==> flow/design.v <==
module multiplier_stage (clk, rs1, res);
  parameter integer DWIDTH = 5;
  parameter integer FACTOR = 365;
  localparam integer RES_W = DWIDTH + $clog2(FACTOR + 1);
  input clk;
  input [DWIDTH-1:0] rs1;
  output reg [RES_W-1:0] res;
  reg [RES_W-1:0] t;
  integer idx;
  always @* begin
    t = 0;
    for (idx = 0; idx < RES_W - DWIDTH; idx = idx + 1)
      if ((FACTOR >> idx) & 1) t = t + (rs1 << idx);
  end
  always @(posedge clk) begin
    res <= t;
  end
endmodule
# Step by step through the tools: multiplier_stage
# Tool output for the design above, in the order of the flow.
# Lines are those of the file above, counted from 1.
# Operators: Yosys type, input widths -> output width; for muxes data width and select width s.
# Library cell names are shortened.
# A cell with n/a has no value.
[setup]
design = "multiplier_stage"
clock = "clk"
lib = "sky130hd"
pvt_corner = "tt_025C_1v80"

# Word level
# Source: Yosys, flattened and elaborated, memories not mapped. Widths are those after wreduce; folded enables and synchronous resets count as part of the registers. Registers that Yosys merges into a memory's read port (data or address) are not register bits. Print and check cells do not count. Equal cells are merged and count once.
[word_totals]
reg_bits = 14
in_bits = 6
out_inout_bits = 14
elab_cells = 6
[classes]
addsub = 5
[ops]
columns = ["operator", "count"]
rows = [
  ["$add 12x13->14", 1],
  ["$add 11x11->12", 1],
  ["$add 9x10->11", 1],
  ["$add 8x8->9", 1],
  ["$add 5x7->8", 1],
]

# Depth
# Depth = most cells in a row (Yosys ltp): at word level without a register or memory, in the mapped netlist without a sequential cell, where the memories' decode and read muxes count.
[depth]
word_depth = 5
ABC_AREA = 0
ltp_mapped = 11
mapped_depth_nobuf = 11

# Synthesis result
# The flow's flattened synthesis, as Yosys stat reports it; memories are mapped. The netlist is that of the ABC_AREA named above (0 if unset); the other value can give another one.
# The area totals of this step are shown rounded.
[synth_totals]
cells = 87
synth_area_mm2 = 0.00088
sequential_area_mm2 = 0.00028
ff_cells = 14
buffers = 0
[types]
columns = ["cell_type", "count", "area_total_um2"]
rows = [
  ["dfxtp_1", 14, 280.269],
  ["ha_1", 15, 187.68],
  ["fa_1", 6, 120.115],
  ["inv_1", 15, 56.304],
  ["xnor2_1", 5, 43.792],
  ["a21oi_1", 7, 35.034],
  ["o21ai_0", 4, 20.019],
  ["nand2_1", 4, 15.014],
  ["nor2_1", 4, 15.014],
  ["nor2b_4", 1, 13.763],
  ["nor2b_1", 2, 12.512],
  ["mux2i_1", 1, 10.01],
  ["or4b_1", 1, 10.01],
  ["o31a_1", 1, 8.758],
  ["xor2_1", 1, 8.758],
  ["a21o_1", 1, 7.507],
  ["o211ai_1", 1, 7.507],
  ["o21a_1", 1, 7.507],
]
# Other cell types: 3; their cells: 3.

# Path before layout
# Path of least setup slack by OpenSTA after synthesis, without wires, with an ideal clock, recovery checks aside; 20% of the period is set as input and as output delay. Where synthesis merged equal registers, the netlist keeps one of their names.
[synth_path]
path_kind = "in2reg"
startpoint = "in rs1[1]"
endpoint = "reg res[10]"
tclk_ns = 3.76
in_delay_ns = 0.752
setup_time_ns = 0.062
launch_ns = 0.752
t_arrival_ns = 3.098
t_required_ns = 3.698
setup_slack_ns = 0.600
delay_ns = 2.408
stages = 9
path_buffers = 0
period_less_setup_slack_ns = 3.16
# "delay_ns" = arrival - input delay + setup time.
# "stages" counts driving pins, that of a launching flip-flop among them; a cell with two outputs on the path counts twice.
# "period_less_setup_slack_ns" is the clock period less the worst setup slack; recovery checks do not enter. This is arithmetic on one report: input and output delays are still those of the set period (20% each).
# Between the ends stands the longest chain of elaborated cells between them, by number of cells; it is not shown to be the way that was timed. Of several equally long chains one is given.
# A line is the first line of the expression or statement that the cell stems from. Yosys adds cells for indexed reads and writes and turns some case tables into memories.
[synth_between]
path_cell_list = "inv_1 > fa_1 > fa_1 > inv_1 > ha_1 > nor2b_4 > o31a_1 > or4b_1 > nand3_1"
elab_chain_len = 5
cone_cells = 5
lines_between = 1
classes_between = "add/sub (5)"
[synth_rtl]
columns = ["element", "line", "text"]
rows = [
  ["from (decl)", 6, "input [DWIDTH-1:0] rs1;"],
  ["$add 5x7->8", 13, "if ((FACTOR >> idx) & 1) t = t + (rs1 << idx);"],
  ["$add 8x8->9", 13, ""],
  ["$add 9x10->11", 13, ""],
  ["$add 11x11->12", 13, ""],
  ["$add 12x13->14", 13, ""],
  ["to (assign)", 16, "res <= t;"],
  ["to (decl)", 7, "output reg [RES_W-1:0] res;"],
]

# Timing after layout
# From the final timing report of record 1: the path of least setup slack in the routed layout; clock arrival at registers is part of the times.
[layout_path]
path_kind = "in2reg"
startpoint = "in rs1[3]"
endpoint = "reg res[10]"
tclk_ns = 3.76
in_delay_ns = 0.75
setup_time_ns = 0.05
launch_ns = 0.75
t_arrival_ns = 3.63
t_required_ns = 3.99
setup_slack_ns = 0.36
stages = 10
path_buffers = 1
# Between the ends stands the longest chain of elaborated cells between them, by number of cells; it is not shown to be the way that was timed. Of several equally long chains one is given.
[layout_between]
path_cell_list = "clkdlybuf4s50_1 > inv_1 > fa_1 > fa_1 > inv_1 > ha_1 > nor2b_4 > o31a_1 > or4b_1 > nand3_1"
elab_chain_len = 5
cone_cells = 5
lines_between = 1
classes_between = "add/sub (5)"
[layout_rtl]
columns = ["element", "line", "text"]
rows = [
  ["from (decl)", 6, "input [DWIDTH-1:0] rs1;"],
  ["$add 5x7->8", 13, "if ((FACTOR >> idx) & 1) t = t + (rs1 << idx);"],
  ["$add 8x8->9", 13, ""],
  ["$add 9x10->11", 13, ""],
  ["$add 11x11->12", 13, ""],
  ["$add 12x13->14", 13, ""],
  ["to (assign)", 16, "res <= t;"],
  ["to (decl)", 7, "output reg [RES_W-1:0] res;"],
]

# multiplier_stage through Yosys and OpenROAD on sky130hd: 3 stored runs, unordered, with their settings and measured results. The constraints put input and output delay at 20% of the set period each and load the outputs with 0.01 pF.
# "achievedPeriod_ns" is the run's clock period less its worst setup slack. It is reckoned from that one timing run; input and output delays stay at 20% of the period that was set.
# "timing.worst_path_ns" is the time allowed to the run's worst setup path (the clock period less input and output delay, where it has them) less its slack. Clock arrival times count: a late capture clock shortens it, a late launch clock lengthens it.
# "totalPower_uw": no workload was simulated; the value follows from the tool's default switching activity.
# Results are given in rounded form.

[[run]]
name = "record 1"
[run.settings]
period_ns = 3.76
CAP_MARGIN = 20
CORE_MARGIN = 2
CORE_UTILIZATION = 40
SLEW_MARGIN = 20
[run.results]
totalPower_uw = 650
timing.worst_path_ns = 2.65
path_kind = "in2reg"
hold_worst_slack_ns = 1.1
finalCellArea_mm2 = 0.0012
setup_worst_slack_ns = 0.36
setup_tns_ns = 0.000
ys_area_mm2 = 0.00088
util_pct = 58
achievedPeriod_ns = 3.397
dieArea_mm2 = 0.0026

[[run]]
name = "record 2"
[run.settings]
period_ns = 2.67
CORE_UTILIZATION = 58
SETUP_SLACK_MARGIN = 0.8
PLACE_DENSITY_LB_ADDON = 0.14
CORE_MARGIN = 9
CELL_PAD_IN_SITES_DETAIL_PLACEMENT = 1
ABC_AREA = 1
GPL_ROUTABILITY_DRIVEN = 1
MAX_ROUTING_LAYER = "met4"
CAP_MARGIN = 20
SLEW_MARGIN = 20
[run.results]
outcome = "stopped before the end: placement reported DPL-0033"

[[run]]
name = "record 3"
[run.settings]
period_ns = 4.75
CORE_UTILIZATION = 48
PLACE_DENSITY = 0.68
CELL_PAD_IN_SITES_DETAIL_PLACEMENT = 1
TNS_END_PERCENT = 100
GPL_TIMING_DRIVEN = 0
CTS_CLUSTER_SIZE = 64
SLEW_MARGIN = 20
CAP_MARGIN = 20
CORE_MARGIN = 2
[run.results]
totalPower_uw = 530
timing.worst_path_ns = 2.98
path_kind = "in2reg"
hold_worst_slack_ns = 1.2
finalCellArea_mm2 = 0.0011
setup_worst_slack_ns = 0.82
setup_tns_ns = 0.000
ys_area_mm2 = 0.00088
util_pct = 66
achievedPeriod_ns = 3.926
dieArea_mm2 = 0.0022
